==> flow/design.v <==
module subtractor_top (ck, i_rst, x, y, diff, borrow);
  parameter DW = 128;
  input ck;
  input i_rst;
  input [DW-1:0] x;
  input [DW-1:0] y;
  output [DW-1:0] diff;
  output borrow;
  wire [DW:0] work;
  assign work = {1'b0, x} - {1'b0, y};
  reg [DW-1:0] r_diff;
  always @(posedge ck) begin
    if (i_rst) begin
      r_diff <= 0;
    end else begin
      r_diff <= work[DW-1:0];
    end
  end
  assign diff = r_diff;
  reg r_borrow;
  always @(posedge ck) begin
    if (i_rst) begin
      r_borrow <= 1'b0;
    end else begin
      r_borrow <= work[DW];
    end
  end
  assign borrow = r_borrow;
endmodule
# Reports on subtractor_top
# The steps from the RTL of subtractor_top to its reports follow in flow order.
# Line numbers count from 1 in the design file above.
# Cell names lack the library's common part.
# A cell with n/a has no value.
dict set report design {
  top {subtractor_top}
  clk_port {ck}
  lib {sky130hd}
  corner {tt_025C_1v80}
}

# Elaborated design
# Counts by Yosys on the flattened word-level netlist (proc, flatten, opt, wreduce; memories kept). Register bits leave out memories and registers merged into their read ports (data or address); mux counts leave out enables and synchronous resets folded into registers. Print and check cells are left out. Cells with the same type and inputs are merged into one.
dict set report bits {
  ff_bits 129
  input_bits 258
  output_inout_bits 129
  word_cells 3
}
dict set report op_classes {
  addsub 1
}
# operator count
set op_table {}
lappend op_table {{subtractor 128 x 128 -> 129 bit} 1}

# Longest topological paths
# Depth = most cells in a row (Yosys ltp): at word level without a register or memory, in the mapped netlist without a sequential cell, where the memories' decode and read muxes count.
dict set report depth {
  depth_word 1
  abc_area 1
  mapped_depth 18
  depth_no_buf 18
}

# After synthesis
# Source: synth_stat.txt of the flow (Yosys; design flattened, memories mapped). It holds for the ABC_AREA given above (unset counts as 0); a run with the other value may have another netlist.
dict set report synth_totals {
  ffs 129
  buf_cells 13
  mapped_cells 3563
  mapped_area_um2 17936.0
  sequential_area_um2 2582.5
}
# cell_type count area_total_um2
set by_type {}
lappend by_type {nand2_1 1408 5.29E+03}
lappend by_type {inv_1 950 3565.92}
lappend by_type {dfxtp_1 129 2.58E+03}
lappend by_type {ha_1 128 1.6E+03}
lappend by_type {nor2_1 301 1.13E+03}
lappend by_type {a21oi_1 192 960.922}
lappend by_type {nand3_1 94 470.451}
lappend by_type {nor2_2 68 425.408}
lappend by_type {nand2_2 59 369.104}
lappend by_type {o21ai_0 66 330.317}
lappend by_type {nand3_2 25 250.24}
lappend by_type {nor2_4 22 247.738}
lappend by_type {inv_2 35 131.376}
lappend by_type {nand4_1 16 100.096}
lappend by_type {o21bai_1 13 97.594}
lappend by_type {nor4_2 7 87.584}
lappend by_type {and2_1 11 68.816}
lappend by_type {a21boi_0 4 30.029}
# Not listed: further types 12, cells in them 35.

# Timing after synthesis
# Source: OpenSTA report_checks on the synthesized netlist (no wires, ideal clock, input and output delay 20% of the period each), path of least setup slack; recovery checks are left aside. Register names are those of the netlist, which keeps one name where synthesis merged equal registers.
dict set report synth_path {
  path_type {input -> register}
  start {in x[0]}
  end {reg r_diff[124]}
  input_delay_ps 880
  path_delay_ps 1672
  tclk_ps 4400
  required_time_ps 4285
  t_arrival_ps 2437
  n_path_buf 0
  slack_ps 1848
  path_stages 17
  synth_period_reached_ps 2552
}
# "path_delay_ps" = arrival - input delay + setup time.
# "path_stages" counts driving pins, that of a launching flip-flop among them; a cell with two outputs on the path counts twice.
# "synth_period_reached_ps" is the clock period less the worst setup slack; recovery checks do not enter. This is arithmetic on one report: input and output delays are still those of the set period (20% each).
# Between the ends stands the longest chain of elaborated cells between them, by number of cells; it is not shown to be the way that was timed. Of several equally long chains one is given.
# Each line given opens the expression or statement behind the cell; cells for indexed reads and writes are added by Yosys, which also makes memories of some case tables.
dict set report synth_between {
  cell_sequence {inv_1 ha_1 fa_1 inv_1 nand2_1 nand2_1 nand3_1 nand2_2 nand2_1 nand2_2 nand2_1 nand2_2 nand2_1 nand2_2 nand2_1 a21oi_1 nor2_1}
  elab_chain_cells 1
}
# element line_no
set synth_rtl {}
lappend synth_rtl {{start: declaration} 5} ;# input [DW-1:0] x;
lappend synth_rtl {{subtractor 128 x 128 -> 129 bit} 10} ;# assign work = {1'b0, x} - {1'b0, y};
lappend synth_rtl {{end: assignment} 14} ;# r_diff <= 0;
lappend synth_rtl {{end: assignment} 16} ;# r_diff <= work[DW-1:0];
lappend synth_rtl {{end: declaration} 11} ;# reg [DW-1:0] r_diff;

# Path in the finished layout
# From the final timing report of job 1: the path of least setup slack in the routed layout; clock arrival at registers is part of the times.
# The path's times are printed in steps of 10 ps; the period is the one set.
dict set report layout_path {
  path_type {input -> register}
  start {in y[55]}
  end {reg r_diff[59]}
  path_stages 13
  required_time_ps 4000
  t_arrival_ps 3480
  n_path_buf 1
  slack_ps 530
  input_delay_ps 720
  tclk_ps 3620
}
# Between the ends stands the longest chain of elaborated cells between them, by number of cells; it is not shown to be the way that was timed. Of several equally long chains one is given.
dict set report layout_between {
  cell_sequence {clkdlybuf4s50_1 inv_1 ha_1 nand2_1 nor2_1 nand2_1 nor2_2 inv_1 nor2_1 nand2_1 nand2_2 o21ai_0 a21oi_1}
  elab_chain_cells 1
}
# element line_no
set layout_rtl {}
lappend layout_rtl {{start: declaration} 6} ;# input [DW-1:0] y;
lappend layout_rtl {{subtractor 128 x 128 -> 129 bit} 10} ;# assign work = {1'b0, x} - {1'b0, y};
lappend layout_rtl {{end: assignment} 14} ;# r_diff <= 0;
lappend layout_rtl {{end: assignment} 16} ;# r_diff <= work[DW-1:0];
lappend layout_rtl {{end: declaration} 11} ;# reg [DW-1:0] r_diff;

; Stored flow runs of subtractor_top (3 of them; Yosys, OpenROAD, sky130hd). They differ in their settings and are not a sequence. Constraints: input delay and output delay 20% of the set period each, output load 0.01 pF.
; "achieved_period_ps": clock period set for the run, less the worst setup slack. It is reckoned from that one timing run; input and output delays stay at 20% of the period that was set.
; By "worst_path_allowed_less_slack_ps" is meant the share of the clock period that the worst setup path is allowed (20% is reserved at inputs, 20% at outputs), minus its slack. Clock arrival times at its registers enter into it.
; By "design_power_uw" is meant OpenSTA's value without simulated activity: inputs other than the clock are taken to toggle once in ten clock periods, and the tool carries that through the logic.
; "worst_path_allowed_less_slack_ps" is given in steps of 10 ps.

[job 1: settings]
period_ns = 3.62
CORE_UTILIZATION = 25
SETUP_SLACK_MARGIN = 0.38
PLACE_DENSITY_LB_ADDON = 0.21
CELL_PAD_IN_SITES_DETAIL_PLACEMENT = 1
TNS_END_PERCENT = 40
ABC_AREA = 1
GPL_TIMING_DRIVEN = 1
CAP_MARGIN = 20
CORE_MARGIN = 2
SLEW_MARGIN = 20
[job 1: results]
synthArea_um2 = 17936.0
total_negative_slack_ps = 0
design_power_uw = 7409
final_setup_ws_ps = 526
layout_stdcell_area_um2 = 24180.7
dieArea_um2 = 73902.4
worst_path_allowed_less_slack_ps = 2370
worst_path_kind = input -> register
achieved_period_ps = 3094
holdWs_ps = 860
layout_utilization_frac = 0.339

[job 2: settings]
period_ns = 2.21
CORE_UTILIZATION = 29
PLACE_DENSITY = 0.41
CELL_PAD_IN_SITES_GLOBAL_PLACEMENT = 0
CELL_PAD_IN_SITES_DETAIL_PLACEMENT = 0
SLEW_MARGIN = 35
CAP_MARGIN = 20
CORE_MARGIN = 2
[job 2: results]
achieved_period_ps = 2996
design_power_uw = 13547
worst_path_allowed_less_slack_ps = 2550
worst_path_kind = input -> register
total_negative_slack_ps = -50963
layout_stdcell_area_um2 = 27375.0
final_setup_ws_ps = -786
holdWs_ps = 209
synthArea_um2 = 12243.0
dieArea_um2 = 43877.7
layout_utilization_frac = 0.654

[job 3: settings]
period_ns = 4.4
CAP_MARGIN = 20
CORE_MARGIN = 2
CORE_UTILIZATION = 40
SLEW_MARGIN = 20
[job 3: results]
achieved_period_ps = 4217
layout_utilization_frac = 0.622
dieArea_um2 = 32023.1
worst_path_allowed_less_slack_ps = 3340
worst_path_kind = input -> register
final_setup_ws_ps = 183
design_power_uw = 5549
synthArea_um2 = 12243.0
layout_stdcell_area_um2 = 18883.1
total_negative_slack_ps = 0
holdWs_ps = 964
